==> flow/design.v <==
module cpu_mult_rtl_pp_row #(parameter N = 4) (
    input wire [N-1:0] a,
    input wire sel,
    input wire [N-1:0] pin,
    output wire [N:0] pout
);
    assign pout = pin + (a & {N{sel}});
endmodule
module cpu_mult_rtl #(
    parameter W = 20
) (
    input wire ck,
    input wire i_rst_n,
    input wire [W-1:0] in_first,
    input wire [W-1:0] in_second,
    output wire [2*W-1:0] out_res
);
    reg [W-1:0] first_reg;
    reg [W-1:0] second_reg;
    always @(posedge ck) begin
        if (~i_rst_n) begin
            first_reg <= 0;
            second_reg <= 0;
        end else begin
            first_reg <= in_first;
            second_reg <= in_second;
        end
    end
    wire [W:0] node [0:W];
    wire [W-1:0] lo;
    assign node[0] = 0;
    genvar k;
    generate
        for (k = 0; k < W; k = k + 1) begin : stage
            cpu_mult_rtl_pp_row #(.N(W)) el (.a(first_reg), .sel(second_reg[k]), .pin(node[k][W:1]), .pout(node[k+1]));
            assign lo[k] = node[k+1][0];
        end
    endgenerate
    assign out_res = {node[W][W:1], lo};
endmodule
# Tool chain data of cpu_mult_rtl
# The steps from the RTL of cpu_mult_rtl to its reports follow in flow order.
# Lines are those of the file above, counted from 1.
# Operators: Yosys type, input widths -> output width; for muxes data width and select width s.
# Library cell names are shortened.
# A cell with -- has no value.
[setup] top="cpu_mult_rtl" clock="ck" lib="sky130hd" lib_corner="tt_025C_1v80"

# After elaboration
# Counts by Yosys on the flattened word-level netlist (proc, flatten, opt, wreduce; memories kept). Register bits leave out memories and registers merged into their read ports (data or address); mux counts leave out enables and synchronous resets folded into registers. Print and check cells are left out. Cells with the same type and inputs are merged into one.
[classes] logic=20 addsub=19
[op_table] op="$and 20x20->20" n=20
[op_table] op="$add 20x21->21" n=18
[op_table] op="$add 19x21->21" n=1
[word_totals] out_inout_bits=40 ff_bits=40 wordCells=41

# Depth
# Longest topological path by Yosys (ltp), each cell counted once; first at word level (registers and memories cut), then after technology mapping (sequential cells cut; the memories' decode and read muxes count).
[logic_depth] depth_word=20 abc_area=0 ltp_mapped=121 mapped_depth_nobuf=118

# Synthesis result
# The flow's flattened synthesis, as Yosys stat reports it; memories are mapped. The netlist is that of the ABC_AREA named above (0 if unset); the other value can give another one.
# The area totals of this step are shown rounded.
[mapped] ffs=40 n_buf=97 mapped_cells=2877 yosys_area_mm2=0.021
[by_type] cell_type="ha_1" n=379 area_total_um2=4.74E+03
[by_type] cell_type="and2_1" n=437 area_total_um2=2.73E+03
[by_type] cell_type="xnor2_1" n=231 area_total_um2=2023.19
[by_type] cell_type="a21oi_1" n=235 area_total_um2=1.18E+03
[by_type] cell_type="a21o_1" n=119 area_total_um2=893.357
[by_type] cell_type="dfxtp_1" n=40 area_total_um2=800.768
[by_type] cell_type="nor2_1" n=186 area_total_um2=698.17
[by_type] cell_type="xor2_1" n=70 area_total_um2=613.088
[by_type] cell_type="inv_1" n=151 area_total_um2=566.794
[by_type] cell_type="o21ai_0" n=106 area_total_um2=530.509
[by_type] cell_type="nand2_1" n=126 area_total_um2=472.954
[by_type] cell_type="nor3_1" n=77 area_total_um2=385.37
[by_type] cell_type="fa_1" n=19 area_total_um2=380.365
[by_type] cell_type="clkbuf_1" n=97 area_total_um2=364.099
[by_type] cell_type="nand3_1" n=62 area_total_um2=310.298
[by_type] cell_type="nor2b_1" n=48 area_total_um2=300.288
[by_type] cell_type="o21bai_1" n=40 area_total_um2=300.288
[by_type] cell_type="o21a_1" n=39 area_total_um2=292.781
# Other cell types: 56; their cells: 415.
# By module: a second synthesis without flattening, with its own total; a netlist apart from the flattened one above.
[unflattened] cells_unflattened=3825 area_unflattened_mm2=0.027
# Rows give one instance, submodules left out.
[modules] module="cpu_mult_rtl_pp_row #(N=20)" mod_area_mm2=0.0013 cells=187 mod_seq_area_mm2=0 n_inst=20
[modules] module="cpu_mult_rtl" mod_area_mm2=0.0011 cells=85 mod_seq_area_mm2=0.0008 n_inst=1

# Worst setup path after synthesis
# Path of least setup slack by OpenSTA after synthesis, without wires, with an ideal clock, recovery checks aside; 20% of the period is set as input and as output delay. Where synthesis merged equal registers, the netlist keeps one of their names.
[synth_timing] kind="register -> output" startpoint="register second_reg[1]" endpoint="output out_res[39]" required_ns=25.840 delay_ns=20.690 arrival_time_ns=20.690 tclk_ns=32.3 driving_pins=108 launch_ns=0.000 path_slack_ns=5.150 synth_period_reached_ns=27.15
# "delay_ns" is the arrival time less input delay plus setup time.
# At an output port there is no setup time.
# "driving_pins" counts driving pins, that of a launching flip-flop among them; a cell with two outputs on the path counts twice.
# "synth_period_reached_ns" = period - worst setup slack (recovery checks aside). The figure is calculated, with input and output delays left at 20% of the set period.
# The rows between start and end are the longest chain of elaborated cells between them; the timing report does not say that the signal goes this way. Where chains are equally long, one stands for them.
# Each line given opens the expression or statement behind the cell; cells for indexed reads and writes are added by Yosys, which also makes memories of some case tables.
[synth_via] cell_sequence="dfxtp_1 > clkbuf_1 > clkbuf_1 > nand2_1 > inv_1 > ha_1 > a21o_1 > a21oi_1 > o21bai_1 > o311a_1 > o41ai_2 > xnor2_1 > ha_1 > o211ai_1 > o21ai_0 > a21oi_1 > o21ai_0 > xor2_1 > [... 72 more ...] > ha_1 > and3_1 > a211oi_1 > xnor2_1 > ha_1 > inv_1 > or4_1 > nand4_1 > ha_1 > a21o_1 > a21oi_1 > o211ai_1 > a21oi_1 > xnor2_1 > ha_1 > a21o_1 > a31o_2 > a21o_1" elab_chain_len=20 cells_between=20 cone_lines=1
[synth_rtl] element="start: declaration" line_no=19 source="reg [W-1:0] second_reg;"
[synth_rtl] element="start: assignment" line_no=23 source="second_reg <= 0;"
[synth_rtl] element="start: assignment" line_no=26 source="second_reg <= in_second;"
[synth_rtl] element="$and 20x20->20" line_no=7 source="assign pout = pin + (a & {N{sel}});"
[synth_rtl] element="$add 19x21->21" line_no=7
[synth_rtl] element="$add 20x21->21 (18 in a row)" line_no=7
[synth_rtl] element="end: declaration" line_no=16 source="output wire [2*W-1:0] out_res"

# Worst path after layout
# Path of least setup slack in the final report of job 3 (OpenROAD, finished layout, wires in). Where an end is a register, its clock arrival counts in the times.
[layout_timing] kind="register -> output" startpoint="register first_reg[2]" endpoint="output out_res[38]" required_ns=25.84 arrival_time_ns=24.03 tclk_ns=32.3 launch_ns=0.32 path_slack_ns=1.81 driving_pins=106
# The rows between start and end are the longest chain of elaborated cells between them; the timing report does not say that the signal goes this way. Where chains are equally long, one stands for them.
[layout_via] cell_sequence="dfxtp_1 > buf_4 > nand2_1 > inv_1 > ha_1 > a21o_1 > a21oi_1 > o21bai_1 > o311a_1 > o41ai_4 > xnor2_1 > ha_1 > o211ai_1 > o21ai_0 > a21oi_1 > o21ai_0 > xor2_1 > ha_1 > [... 70 more ...] > a211oi_1 > xnor2_1 > ha_1 > inv_1 > or4_1 > nand4_1 > ha_1 > nor3_1 > o21a_1 > nor3_1 > xor2_1 > ha_1 > a21oi_1 > a31oi_1 > a21o_1 > a21oi_1 > xnor2_1 > clkdlybuf4s50_1" elab_chain_len=20 cells_between=39 cone_lines=1
[layout_rtl] element="start: declaration" line_no=18 source="reg [W-1:0] first_reg;"
[layout_rtl] element="start: assignment" line_no=22 source="first_reg <= 0;"
[layout_rtl] element="start: assignment" line_no=25 source="first_reg <= in_first;"
[layout_rtl] element="$and 20x20->20" line_no=7 source="assign pout = pin + (a & {N{sel}});"
[layout_rtl] element="$add 19x21->21" line_no=7
[layout_rtl] element="$add 20x21->21 (18 in a row)" line_no=7
[layout_rtl] element="end: declaration" line_no=16 source="output wire [2*W-1:0] out_res"

Settings and measured results of 3 stored flow runs for module cpu_mult_rtl (sky130hd), not sorted in any way. The constraints put input and output delay at 20% of the set period each and load the outputs with 0.01 pF.
"achieved clock period": clock period set for the run, less the worst setup slack. It is reckoned from that one timing run; input and output delays stay at 20% of the period that was set.
"worst setup path time" is the time allowed to the run's worst setup path (the clock period less input and output delay, where it has them) less its slack. Clock arrival times count: a late capture clock shortens it, a late launch clock lengthens it.
"power" rests on the timing tool's default activity at the inputs, not on a simulated workload.
Values from the reports are rounded here.
[job 1] settings: period_ns=22.5, CORE_UTILIZATION=50, PLACE_DENSITY_LB_ADDON=0.16, HOLD_SLACK_MARGIN=0.21, CELL_PAD_IN_SITES_DETAIL_PLACEMENT=2, GPL_TIMING_DRIVEN=1, CAP_MARGIN=20, CORE_MARGIN=2, SLEW_MARGIN=20
[job 1] result: did not finish, placement stopped with DPL-0033
[job 2] settings: period_ns=15.8, CORE_UTILIZATION=33, PLACE_DENSITY=0.76, CORE_ASPECT_RATIO=1.15, CELL_PAD_IN_SITES_DETAIL_PLACEMENT=2, GPL_TIMING_DRIVEN=1, GPL_ROUTABILITY_DRIVEN=1, CTS_CLUSTER_DIAMETER=332, CAP_MARGIN=20, CORE_MARGIN=2, SLEW_MARGIN=20
[job 2] result: did not finish, clock tree synthesis stopped with DPL-0033
[job 3] settings: period_ns=32.3, CAP_MARGIN=20, CORE_MARGIN=2, CORE_UTILIZATION=40, SLEW_MARGIN=20
[job 3] result: chip area after synthesis (Yosys) 0.021 mm2, die area 0.054 mm2, utilization 44 %, worst setup slack after layout 1.8 ns, total negative slack 0.000 ns, worst hold slack 6.7 ns, power 0.0014 W, achieved clock period 30.491 ns, worst setup path time 24.03 ns, worst setup path kind register -> output
